==> flow/design.v <==
module dp_scratch_blk #(
    parameter integer DEPTH = 6,
    parameter integer DATA_W = 12,
    parameter integer NR = 6,
    parameter integer AWIDTH = $clog2(DEPTH)
) (
    input  logic sys_clk,
    input  logic i_wr,
    input  logic [AWIDTH-1:0] i_wa,
    input  logic [DATA_W-1:0] i_din,
    input  logic [NR*AWIDTH-1:0] i_read_addr,
    output logic [NR*DATA_W-1:0] o_rd_data
);
    logic r_wr;
    logic [AWIDTH-1:0] r_wa;
    logic [DATA_W-1:0] r_din;
    always_ff @(posedge sys_clk) begin
        r_wr <= i_wr;
        r_wa <= i_wa;
        r_din <= i_din;
    end
    logic [DATA_W-1:0] rf [DEPTH-1:0];
    always_ff @(posedge sys_clk) begin
        if (r_wr)
            rf[r_wa] <= r_din;
    end
    logic [NR*AWIDTH-1:0] r_read_addr;
    always_ff @(posedge sys_clk) begin
        r_read_addr <= i_read_addr;
    end
    logic [NR*DATA_W-1:0] cur;
    for (genvar j = 0; j < NR; j++) begin : stage
        assign cur[j*DATA_W +: DATA_W] = rf[r_read_addr[j*AWIDTH +: AWIDTH]];
    end
    assign o_rd_data = cur;
endmodule
# --- From RTL to reports: dp_scratch_blk ---
# The steps from the RTL of dp_scratch_blk to its reports follow in flow order.
# Line numbers count from 1 in the design file above.
# Library cell names are shortened.
inputs:
  top_module: "dp_scratch_blk"
  clock_port: "sys_clk"
  cell_library: "sky130hd"
  corner: "tt_025C_1v80"

# --- Elaborated design ---
# Yosys after proc, flatten, opt, wreduce and memory -nomap, before mapping. Enables and synchronous resets that opt folds into registers are not counted as muxes. Memory bits, and registers merged into a memory's read port (data or address), are not among the register bits. Print and check cells are not counted. Equal cells are merged and count once.
# Memory sizes are those after Yosys's memory passes, which may raise the word count (mostly to a power of two), join words into wider ones and drop unused or constant bits.
word_totals:
  n_memories: 1
  clocked_rd_ports_x_width: 72
  mem_bits_rw: 72
  out_inout_bits: 72
  wordCells: 7
  ff_bits: 16
  inputBits: 35
memory_table:
  columns: ["memory", "words", "width", "read_ports", "write_ports", "line_no", "source"]
  rows:
  - ["rf", 6, 12, 6, 1, 22, "logic [DATA_W-1:0] rf [DEPTH-1:0];"]
classes:
  n_mux: 3
op_table:
  columns: ["op", "n"]
  rows:
  - ["12-bit two-way mux", 1]
  - ["3-bit two-way mux", 1]
  - ["1-bit two-way mux", 1]

# --- Depth ---
# Yosys ltp: most cells in a row. Word level: on the elaborated netlist, between registers, memories and ports. Mapped: between sequential cells and ports; inverters and the memories' decode and read muxes count.
logic_depth:
  ltp_word: 1
  abc_area: 0
  ltp_mapped: 5
  depth_no_buf: 3

# --- After synthesis ---
# Yosys stat after the flow's synthesis: flattened, memories mapped to cells. It holds for the ABC_AREA given above (unset counts as 0); a run with the other value may have another netlist.
synth_totals:
  seqArea_um2: 2842.7
  mapped_area_um2: 6383.6
  flip_flops: 106
  buffers: 32
  cells: 389
types:
  columns: ["type", "n"]
  rows:
  - ["edfxtp_1", 72]
  - ["mux4_2", 60]
  - ["mux2_2", 85]
  - ["dfxtp_1", 34]
  - ["mux2_1", 35]
  - ["mux2i_1", 36]
  - ["buf_6", 15]
  - ["a22o_1", 12]
  - ["a21oi_1", 12]
  - ["buf_2", 6]
  - ["clkbuf_1", 8]
  - ["buf_4", 3]
  - ["nand2b_1", 2]
  - ["nor2_1", 3]
  - ["and4b_1", 1]
  - ["nor3_1", 2]
  - ["nor3b_1", 1]
  - ["nor2b_1", 1]
  - ["nand2_1", 1]

# --- Timing after synthesis ---
# Path of least setup slack by OpenSTA after synthesis, without wires, with an ideal clock, recovery checks aside; 20% of the period is set as input and as output delay. Where synthesis merged equal registers, the netlist keeps one of their names.
synth_timing:
  path_type: "register to register"
  start: "reg r_wa[1]"
  end: "mem rf[4][0]"
  t_first_pin_ns: 0.000
  setup_slack_ns: 0.454
  required_ns: 1.891
  period_ns: 2.29
  path_stages: 3
  t_arrival_ns: 1.437
  n_path_buf: 0
  delay_ns: 1.836
  period_less_setup_slack_ns: 1.836
# "delay_ns" is the arrival time less input delay plus setup time.
# "path_stages" counts driving pins, that of a launching flip-flop among them; a cell with two outputs on the path counts twice.
# "period_less_setup_slack_ns" is the clock period less the worst setup slack; recovery checks do not enter. This is arithmetic on one report: input and output delays are still those of the set period (20% each).
# Between the ends stands the longest chain of elaborated cells between them, by number of cells; it is not shown to be the way that was timed. Of several equally long chains one is given.
# A line is the first line of the expression or statement that the cell stems from. Yosys adds cells for indexed reads and writes and turns some case tables into memories.
synth_via:
  cell_sequence: "dfxtp_1 > nand2b_1 > nor3b_1"
  elab_chain_cells: 1
  cells_between: 1
  cone_lines: 1
  classes_between: "mux (1)"
synth_lines:
  columns: ["item", "line_no", "source"]
  rows:
  - ["from (decl)", 15, "logic [AWIDTH-1:0] r_wa;"]
  - ["from (assign)", 19, "r_wa <= i_wa;"]
  - ["3-bit two-way mux", 24, "if (r_wr)"]
  - ["to (decl)", 22, "logic [DATA_W-1:0] rf [DEPTH-1:0];"]

# --- Path in the finished layout ---
# Path of least setup slack in the final report of job 1 (OpenROAD, finished layout, wires in). Where an end is a register, its clock arrival counts in the times.
layout_timing:
  path_type: "register to output"
  start: "reg (no name shown)"
  end: "out o_rd_data[46]"
  required_ns: 2.70
  out_delay_ns: 0.68
  period_ns: 3.38
  setup_slack_ns: 0.28
  t_arrival_ns: 2.42
  n_path_buf: 2
  path_stages: 5
  t_first_pin_ns: 0.38
layout_via:
  cell_sequence: "dfxtp_1 > buf_4 > mux2_2 > mux4_2 > clkdlybuf4s50_1"
layout_lines:
  columns: ["item", "line_no", "source"]
  rows:
  - ["to (decl)", 12, "output logic [NR*DATA_W-1:0] o_rd_data"]
# No chain of elaborated cells between the ends is given.

# Flow measurements of dp_scratch_blk on sky130hd: 3 stored runs with different settings, listed in no order. Input and output delays are each 20% of the period that was set; the output load is 0.01 pF.
# "period_reached_ns" is the run's clock period less its worst setup slack. It is reckoned from that one timing run; input and output delays stay at 20% of the period that was set.
runs:
  - name: "job 1"
    settings:
      period_ns: 3.38
      CORE_UTILIZATION: 58
      PLACE_DENSITY: 0.56
      GPL_ROUTABILITY_DRIVEN: 0
      CTS_CLUSTER_DIAMETER: 174
      CAP_MARGIN: 0
      CORE_MARGIN: 2
      SLEW_MARGIN: 20
    results:
      finish.utilization_frac: 0.721
      fin_hold_ws_ns: 0.528
      die_area_um2: 11861.4
      final_setup_ws_ns: 0.284
      synth_area_um2: 6383.6
      period_reached_ns: 3.096
      timing.setup.tns_ns: 0.000
  - name: "job 2"
    settings:
      period_ns: 1.15
      CORE_UTILIZATION: 51
      CTS_CLUSTER_SIZE: 37
      CAP_MARGIN: 10
      SLEW_MARGIN: 35
      MIN_ROUTING_LAYER: "met2"
      MAX_ROUTING_LAYER: "met4"
      CORE_MARGIN: 2
    results:
      finish.utilization_frac: 0.786
      fin_hold_ws_ns: 0.304
      die_area_um2: 13428.2
      final_setup_ws_ns: -1.033
      synth_area_um2: 6383.6
      period_reached_ns: 2.183
      timing.setup.tns_ns: -69.590
  - name: "job 3"
    settings:
      period_ns: 2.29
      CAP_MARGIN: 20
      CORE_MARGIN: 2
      CORE_UTILIZATION: 40
      SLEW_MARGIN: 20
    results:
      finish.utilization_frac: 0.551
      fin_hold_ws_ns: 0.524
      die_area_um2: 16985.9
      final_setup_ws_ns: -0.074
      synth_area_um2: 6383.6
      period_reached_ns: 2.364
      timing.setup.tns_ns: -1.648
